==> flow/design.v <==
module plus_mod #(
    parameter int DW = 32
) (
    input logic core_clk,
    input logic resetn,
    input logic [DW-1:0] i_arg0,
    input logic [DW-1:0] i_arg1,
    input logic i_c0,
    output logic [DW-1:0] o_s,
    output logic o_carry_out
);
    logic [DW-1:0] work;
    logic [DW:0] cy;
    assign cy[0] = i_c0;
    for (genvar i = 0; i < DW; i++) begin : lane
        plus_mod_fadd u0 (.a(i_arg0[i]), .b(i_arg1[i]), .ci(cy[i]), .s(work[i]), .co(cy[i+1]));
    end
    always_ff @(posedge core_clk or negedge resetn) begin
        if (~resetn) begin
            o_s <= '0;
        end else begin
            o_s <= work;
        end
    end
    always_ff @(posedge core_clk or negedge resetn) begin
        if (~resetn) begin
            o_carry_out <= 1'b0;
        end else begin
            o_carry_out <= cy[DW];
        end
    end
endmodule
module plus_mod_fadd (
    input logic a,
    input logic b,
    input logic ci,
    output logic s,
    output logic co
);
    assign s = a ^ b ^ ci;
    assign co = (a & b) | (ci & (a ^ b));
endmodule
Step by step through the tools: plus_mod

The steps from the RTL of plus_mod to its reports follow in flow order.
Lines are those of the file above, counted from 1.
Cell names lack the library's common part.
The mark -- stands for no value.

Top: plus_mod
Clock port: core_clk
Library: sky130hd
Library corner: tt_025C_1v80

After elaboration

Counts by Yosys on the flattened word-level netlist (proc, flatten, opt, wreduce; memories kept). Register bits leave out memories and registers merged into their read ports (data or address); mux counts leave out enables and synchronous resets folded into registers. Print and check cells are left out. Cells with the same type and inputs are merged into one.

Register bits: 33
Bits of input ports: 67
Output and inout bits: 33
Elaborated cells: 162

Bitwise gates (word level): 160

Operator list:

| cell             | number |
| 1-bit AND        | 64 |
| 1-bit XOR        | 64 |
| 1-bit bitwise OR | 32 |

Depth

Yosys ltp: most cells in a row. Word level: on the elaborated netlist, between registers, memories and ports. Mapped: between sequential cells and ports; inverters and the memories' decode and read muxes count.

Word-level depth: 65
ABC_AREA: 0
Depth in mapped cells: 36
Depth with buffers taken out: 36

After synthesis

Yosys stat after the flow's synthesis: flattened, memories mapped to cells. It holds for the ABC_AREA given above (unset counts as 0); a run with the other value may have another netlist.
Totals and module areas in this step are rounded.

Cells by type:

| type    | number | area in all (um^2) |
| dfrtp_1 | 33     | 825.792 |
| fa_1    | 32     | 640.614 |
| inv_1   | 10     | 37.536 |

Cell count: 75
Cell area after synthesis: 1500 um^2
Sequential area: 826 um^2
Flip-flop cells: 33
Buffer cells: 0

By module: a second synthesis without flattening, with its own total; a netlist apart from the flattened one above.

Cell total of the unflattened synthesis: 65
Area (unflattened synthesis): 1470 um^2

Each row is one instance without its submodules.

By module:

| module        | times used | cells | area (um^2) | sequential area (um^2) |
| plus_mod      | 1          | 33    | 826         | 826 |
| plus_mod_fadd | 32         | 1     | 20.0        | 0.0 |

Timing after synthesis

Source: OpenSTA report_checks on the synthesized netlist (no wires, ideal clock, input and output delay 20% of the period each), path of least setup slack; recovery checks are left aside. Register names are those of the netlist, which keeps one name where synthesis merged equal registers.

Kind: input-to-reg
Start: input port i_arg0[0]
End: register o_s[31]
Clock period: 19.1 ns
External input delay: 3.820 ns
Setup time: 0.064 ns
Launch time at the first pin: 3.820 ns
Arrival: 15.959 ns
Required time: 19.036 ns
Slack: 3.077 ns
Path delay: 12.203 ns
Driving pins on the path: 36
Path buffers: 0
Synthesis period reached: 16.023 ns

"path delay" is the arrival time less input delay plus setup time.
"driving pins on the path" counts driving pins, that of a launching flip-flop among them; a cell with two outputs on the path counts twice.
"synthesis period reached" = period - worst setup slack (recovery checks aside). The figure is calculated, with input and output delays left at 20% of the set period.
Between the ends stands the longest chain of elaborated cells between them, by number of cells; it is not shown to be the way that was timed. Of several equally long chains one is given.
Each line given opens the expression or statement behind the cell; cells for indexed reads and writes are added by Yosys, which also makes memories of some case tables.

Cells stage by stage: fa_1 -> fa_1 -> fa_1 -> fa_1 -> fa_1 -> fa_1 -> fa_1 -> fa_1 -> fa_1 -> inv_1 -> fa_1 -> inv_1 -> fa_1 -> fa_1 -> fa_1 -> fa_1 -> fa_1 -> fa_1 -> fa_1 -> fa_1 -> fa_1 -> fa_1 -> fa_1 -> fa_1 -> fa_1 -> fa_1 -> fa_1 -> fa_1 -> fa_1 -> fa_1 -> fa_1 -> fa_1 -> fa_1 -> inv_1 -> fa_1 -> inv_1
Cells in the longest elaborated chain: 64
Elaborated cells on any way between the ends: 65
Classes of those cells: logic: 65

RTL lines, path after synthesis:

| item             | RTL line | RTL |
| from (decl)      | 6        | `input logic [DW-1:0] i_arg0,` |
| 1-bit XOR        | 41       | `assign co = (a & b) \| (ci & (a ^ b));` |
| 1-bit AND        | 41       |  |
| 1-bit bitwise OR | 41       |  |
| 1-bit AND        | 41       |  |
| 1-bit bitwise OR | 41       |  |
| 1-bit AND        | 41       |  |
| 1-bit bitwise OR | 41       |  |
| [50 not listed]  | --       |  |
| 1-bit AND        | 41       |  |
| 1-bit bitwise OR | 41       |  |
| 1-bit AND        | 41       |  |
| 1-bit bitwise OR | 41       |  |
| 1-bit AND        | 41       |  |
| 1-bit bitwise OR | 41       |  |
| 1-bit XOR        | 40       | `assign s = a ^ b ^ ci;` |
| to (assign)      | 20       | `o_s <= '0;` |
| to (assign)      | 22       | `o_s <= work;` |
| to (decl)        | 9        | `output logic [DW-1:0] o_s,` |

Worst path after layout

From the final timing report of run 1: the path of least setup slack in the routed layout; clock arrival at registers is part of the times.

Kind: input-to-reg
Start: input port i_arg0[0]
End: register o_s[31]
Clock period: 10.1 ns
External input delay: 2.02 ns
Setup time: 0.05 ns
Launch time at the first pin: 2.02 ns
Arrival: 13.54 ns
Required time: 10.33 ns
Slack: -3.21 ns
Driving pins on the path: 37
Path buffers: 1

Between the ends stands the longest chain of elaborated cells between them, by number of cells; it is not shown to be the way that was timed. Of several equally long chains one is given.

Cells stage by stage: buf_6 -> fa_2 -> fa_2 -> fa_2 -> fa_2 -> fa_2 -> fa_2 -> fa_2 -> fa_2 -> fa_2 -> inv_2 -> fa_2 -> inv_2 -> fa_2 -> fa_2 -> fa_2 -> fa_2 -> fa_2 -> fa_2 -> fa_2 -> fa_2 -> fa_2 -> fa_2 -> fa_2 -> fa_2 -> fa_2 -> fa_2 -> fa_2 -> fa_2 -> fa_2 -> fa_2 -> fa_2 -> fa_2 -> fa_2 -> inv_2 -> fa_2 -> inv_2
Cells in the longest elaborated chain: 64
Elaborated cells on any way between the ends: 65
Classes of those cells: logic: 65

RTL lines, path post-layout:

| item             | RTL line | RTL |
| from (decl)      | 6        | `input logic [DW-1:0] i_arg0,` |
| 1-bit XOR        | 41       | `assign co = (a & b) \| (ci & (a ^ b));` |
| 1-bit AND        | 41       |  |
| 1-bit bitwise OR | 41       |  |
| 1-bit AND        | 41       |  |
| 1-bit bitwise OR | 41       |  |
| 1-bit AND        | 41       |  |
| 1-bit bitwise OR | 41       |  |
| [50 not listed]  | --       |  |
| 1-bit AND        | 41       |  |
| 1-bit bitwise OR | 41       |  |
| 1-bit AND        | 41       |  |
| 1-bit bitwise OR | 41       |  |
| 1-bit AND        | 41       |  |
| 1-bit bitwise OR | 41       |  |
| 1-bit XOR        | 40       | `assign s = a ^ b ^ ci;` |
| to (assign)      | 20       | `o_s <= '0;` |
| to (assign)      | 22       | `o_s <= work;` |
| to (decl)        | 9        | `output logic [DW-1:0] o_s,` |

Subject: flow runs of plus_mod

Hi,

Below are 3 stored runs of the flow (Yosys, OpenROAD; platform sky130hd) on plus_mod, each with its settings and what was measured, unordered. Constraints: input delay and output delay 20% of the set period each, output load 0.01 pF.
"period achieved" means the clock period less the worst setup slack. The figure is calculated, with input and output delays left at 20% of the set period.
"worst setup path time": the worst setup path's part of the clock period (all of it between registers, 20% less for each end at a port) less its slack. A launch clock that arrives late makes it longer, a capture clock that arrives late makes it shorter.
"total power after layout" rests on the timing tool's default activity at the inputs, not on a simulated workload.
The measured numbers are rounded.
Among the settings, - means not set for that run.

| setting or result                         | run 1        | run 2        | run 3        |
| period_ns                                 | 10.1         | 19.1         | 14.7         |
| CORE_UTILIZATION                          | 23           | 40           | 21           |
| SETUP_SLACK_MARGIN                        | 2.93         | -            | 3.65         |
| HOLD_SLACK_MARGIN                         | 0.26         | -            | -            |
| CORE_MARGIN                               | 4            | 2            | 2            |
| CELL_PAD_IN_SITES_DETAIL_PLACEMENT        | 2            | -            | 2            |
| GPL_TIMING_DRIVEN                         | 1            | -            | 1            |
| CTS_CLUSTER_SIZE                          | 70           | -            | -            |
| CTS_CLUSTER_DIAMETER                      | 129          | -            | -            |
| CAP_MARGIN                                | 5            | 20           | 0            |
| SLEW_MARGIN                               | 0            | 20           | 10           |
| MAX_ROUTING_LAYER                         | met5         | -            | -            |
| PLACE_DENSITY                             | -            | -            | 0.67         |
| CORE_ASPECT_RATIO                         | -            | -            | 1.6          |
| GPL_ROUTABILITY_DRIVEN                    | -            | -            | 1            |
| chip area after synthesis (Yosys) (um^2)  | 1500         | 1500         | 1500         |
| total die area (um^2)                     | 7900         | 4270         | 7870         |
| standard-cell area after layout (um^2)    | 2770         | 2660         | 2810         |
| utilization of the finished layout        | 0.437        | 0.733        | 0.399        |
| worst setup slack after layout (ns)       | -3.21        | 2.51         | 0.474        |
| total negative slack on setup checks (ns) | -19.3        | 0.000        | 0.000        |
| total power after layout (µW)             | 431          | 210          | 303          |
| period achieved (ns)                      | 13.315       | 16.590       | 14.226       |
| worst setup path time (ns)                | 11.29        | 12.77        | 11.29        |
| worst setup path type                     | input-to-reg | input-to-reg | input-to-reg |

Regards
